==> flow/design.v <==
module core_cmp_rtl (core_clk, A_i, B_i, is_gt_o);
    parameter XLEN = 36;
    input core_clk;
    input [XLEN-1:0] A_i;
    input [XLEN-1:0] B_i;
    output is_gt_o;
    reg [XLEN-1:0] A_ff;
    reg [XLEN-1:0] B_ff;
    reg is_gt_ff;
    always @(posedge core_clk) begin
        A_ff <= A_i;
        B_ff <= B_i;
        is_gt_ff <= (A_ff > B_ff);
    end
    assign is_gt_o = is_gt_ff;
endmodule
# Reports on core_cmp_rtl
# What the tools print for core_cmp_rtl, step after step.
# Line numbers count from 1 in the design file above.
# The mark - stands for no value.
[inputs]
top = "core_cmp_rtl"
clock_port = "core_clk"
lib = "sky130hd"
corner = "tt_025C_1v80"

# After elaboration
# Source: Yosys, flattened and elaborated, memories not mapped. Widths are those after wreduce; folded enables and synchronous resets count as part of the registers. Registers that Yosys merges into a memory's read port (data or address) are not register bits. Print and check cells do not count. Equal cells are merged and count once.
[bits]
regBits = 73
inputBits = 73
output_inout_bits = 1
elab_cells = 4
[classes]
compare = 1
[op_table]
columns = ["cell", "count"]
rows = [
  ["36-bit > comparator", 1],
]

# Longest topological paths
# Depth = most cells in a row (Yosys ltp): at word level without a register or memory, in the mapped netlist without a sequential cell, where the memories' decode and read muxes count.
[depth]
depth_word = 1
ABC_AREA = 1
ltp_mapped = 12
mapped_depth_nobuf = 12

# Mapped cells and area
# Source: synth_stat.txt of the flow (Yosys; design flattened, memories mapped). It holds for the ABC_AREA given above (unset counts as 0); a run with the other value may have another netlist.
# Totals and module areas in this step are rounded.
[by_type]
columns = ["cell", "count", "area_total_um2"]
rows = [
  ["sky130_fd_sc_hd__dfxtp_1", 73, 1.46E+03],
  ["sky130_fd_sc_hd__ha_1", 36, 450.432],
  ["sky130_fd_sc_hd__inv_1", 46, 172.666],
  ["sky130_fd_sc_hd__nand2_1", 44, 165.158],
  ["sky130_fd_sc_hd__a21oi_1", 12, 60.058],
  ["sky130_fd_sc_hd__nor2_1", 11, 41.29],
  ["sky130_fd_sc_hd__nor2_4", 3, 33.782],
  ["sky130_fd_sc_hd__nand2_2", 3, 18.768],
  ["sky130_fd_sc_hd__a21boi_1", 2, 15.014],
  ["sky130_fd_sc_hd__a21o_1", 2, 15.014],
  ["sky130_fd_sc_hd__nor2_2", 2, 12.512],
  ["sky130_fd_sc_hd__nand3_2", 1, 10.01],
  ["sky130_fd_sc_hd__a21oi_2", 1, 8.758],
  ["sky130_fd_sc_hd__clkinv_1", 2, 7.507],
  ["sky130_fd_sc_hd__o21bai_1", 1, 7.507],
  ["sky130_fd_sc_hd__nand3_1", 1, 5.005],
  ["sky130_fd_sc_hd__o21ai_0", 1, 5.005],
  ["sky130_fd_sc_hd__o21ai_1", 1, 5.005],
  ["sky130_fd_sc_hd__inv_2", 1, 3.754],
]
[synth_totals]
stdcells = 243
mapped_area_mm2 = 0.0025
seq_area_mm2 = 0.00146
flip_flops = 73
n_buf = 0

# Path before layout
# Source: OpenSTA report_checks on the synthesized netlist (no wires, ideal clock, input and output delay 20% of the period each), path of least setup slack; recovery checks are left aside. Register names are those of the netlist, which keeps one name where synthesis merged equal registers.
[synth_timing]
kind = "reg-to-reg"
startpoint = "register B_ff[19]"
endpoint = "register is_gt_ff"
tclk_ns = 2.15
setup_time_ns = 0.066
launch_ns = 0.000
arrival_ns = 1.203
required_ns = 2.084
slack_ns = 0.881
delay_ns = 1.269
driving_pins = 11
path_buffers = 0
period_less_setup_slack_ns = 1.269
# "delay_ns" is the arrival time less input delay plus setup time.
# "driving_pins" counts driving pins, that of a launching flip-flop among them; a cell with two outputs on the path counts twice.
# "period_less_setup_slack_ns" is the clock period less the worst setup slack; recovery checks do not enter. This is arithmetic on one report: input and output delays are still those of the set period (20% each).
# The rows between start and end are the longest chain of elaborated cells between them; the timing report does not say that the signal goes this way. Where chains are equally long, one stands for them.
# Each line given opens the expression or statement behind the cell; cells for indexed reads and writes are added by Yosys, which also makes memories of some case tables.
[synth_via]
cell_sequence = "sky130_fd_sc_hd__dfxtp_1 -> sky130_fd_sc_hd__inv_1 -> sky130_fd_sc_hd__ha_1 -> sky130_fd_sc_hd__nand2_1 -> sky130_fd_sc_hd__nor2_2 -> sky130_fd_sc_hd__nand2_2 -> sky130_fd_sc_hd__nor2_4 -> sky130_fd_sc_hd__nand3_2 -> sky130_fd_sc_hd__nand2_1 -> sky130_fd_sc_hd__nor2_1 -> sky130_fd_sc_hd__a21oi_2"
elab_chain_cells = 1
cells_between = 1
lines_between = 1
classes_between = "compare: 1"
[synth_rtl]
columns = ["element", "line_no", "text"]
rows = [
  ["start: declaration", 8, "reg [XLEN-1:0] B_ff;"],
  ["start: assignment", 12, "B_ff <= B_i;"],
  ["36-bit > comparator", 13, "is_gt_ff <= (A_ff > B_ff);"],
  ["end: assignment", 13, ""],
  ["end: declaration", 9, "reg is_gt_ff;"],
]

# Path in the finished layout
# From the final timing report of stored run 1: the path of least setup slack in the routed layout; clock arrival at registers is part of the times.
[layout_timing]
kind = "reg-to-reg"
startpoint = "register B_ff[29]"
endpoint = "register is_gt_ff"
tclk_ns = 1.12
setup_time_ns = 0.06
launch_ns = 0.32
arrival_ns = 1.64
required_ns = 1.38
slack_ns = -0.26
driving_pins = 11
path_buffers = 0
# The rows between start and end are the longest chain of elaborated cells between them; the timing report does not say that the signal goes this way. Where chains are equally long, one stands for them.
[layout_via]
cell_sequence = "sky130_fd_sc_hd__dfxtp_2 -> sky130_fd_sc_hd__inv_2 -> sky130_fd_sc_hd__ha_4 -> sky130_fd_sc_hd__nand2_1 -> sky130_fd_sc_hd__nor2_4 -> sky130_fd_sc_hd__nand2_4 -> sky130_fd_sc_hd__nor2_4 -> sky130_fd_sc_hd__nand3_2 -> sky130_fd_sc_hd__nand2_1 -> sky130_fd_sc_hd__nor2_2 -> sky130_fd_sc_hd__a21oi_2"
elab_chain_cells = 1
cells_between = 1
lines_between = 1
classes_between = "compare: 1"
[layout_rtl]
columns = ["element", "line_no", "text"]
rows = [
  ["start: declaration", 8, "reg [XLEN-1:0] B_ff;"],
  ["start: assignment", 12, "B_ff <= B_i;"],
  ["36-bit > comparator", 13, "is_gt_ff <= (A_ff > B_ff);"],
  ["end: assignment", 13, ""],
  ["end: declaration", 9, "reg is_gt_ff;"],
]

# Flow measurements of core_cmp_rtl on sky130hd: 3 stored runs with different settings, listed in no order. Input and output delays are each 20% of the period that was set; the output load is 0.01 pF.
# "achieved_period_ns" = clock period - worst setup slack. The figure is calculated, with input and output delays left at 20% of the set period.
# "worst_path_time_ns" means the part of the period allowed to the worst setup path (the constraints hold back 20% at inputs and 20% at outputs) less its slack; where the path has registers, the arrival times of their clocks count too.
# Measured values are rounded.

[[run]]
name = "stored run 1"
[run.settings]
period_ns = 1.12
CORE_UTILIZATION = 20
PLACE_DENSITY_LB_ADDON = 0.02
CORE_ASPECT_RATIO = 1.64
CELL_PAD_IN_SITES_GLOBAL_PLACEMENT = 0
ABC_AREA = 1
GPL_ROUTABILITY_DRIVEN = 1
CTS_CLUSTER_SIZE = 11
CTS_CLUSTER_DIAMETER = 254
MIN_ROUTING_LAYER = "met1"
CAP_MARGIN = 20
CORE_MARGIN = 2
SLEW_MARGIN = 20
[run.results]
worst_path_time_ns = 1.38
worst_path_kind = "reg-to-reg"
achieved_period_ns = 1.382
total_die_area_mm2 = 0.0134
fin_util_pct = 32.5
synth_area_mm2 = 0.0025
total_negative_slack_ns = -0.262
fin_ws_ns = -0.262

[[run]]
name = "stored run 2"
[run.settings]
period_ns = 3.38
CORE_UTILIZATION = 69
PLACE_DENSITY_LB_ADDON = 0.2
TNS_END_PERCENT = 20
CAP_MARGIN = 0
SLEW_MARGIN = 40
MIN_ROUTING_LAYER = "met1"
CORE_MARGIN = 2
[run.results]
outcome = "stopped before the end: placement reported DPL-0033"

[[run]]
name = "stored run 3"
[run.settings]
period_ns = 2.15
CAP_MARGIN = 20
CORE_MARGIN = 2
CORE_UTILIZATION = 40
SLEW_MARGIN = 20
[run.results]
fin_ws_ns = 0.307
synth_area_mm2 = 0.00238
total_die_area_mm2 = 0.00658
achieved_period_ns = 1.843
fin_util_pct = 58.1
worst_path_time_ns = 1.84
worst_path_kind = "reg-to-reg"
total_negative_slack_ns = 0.000
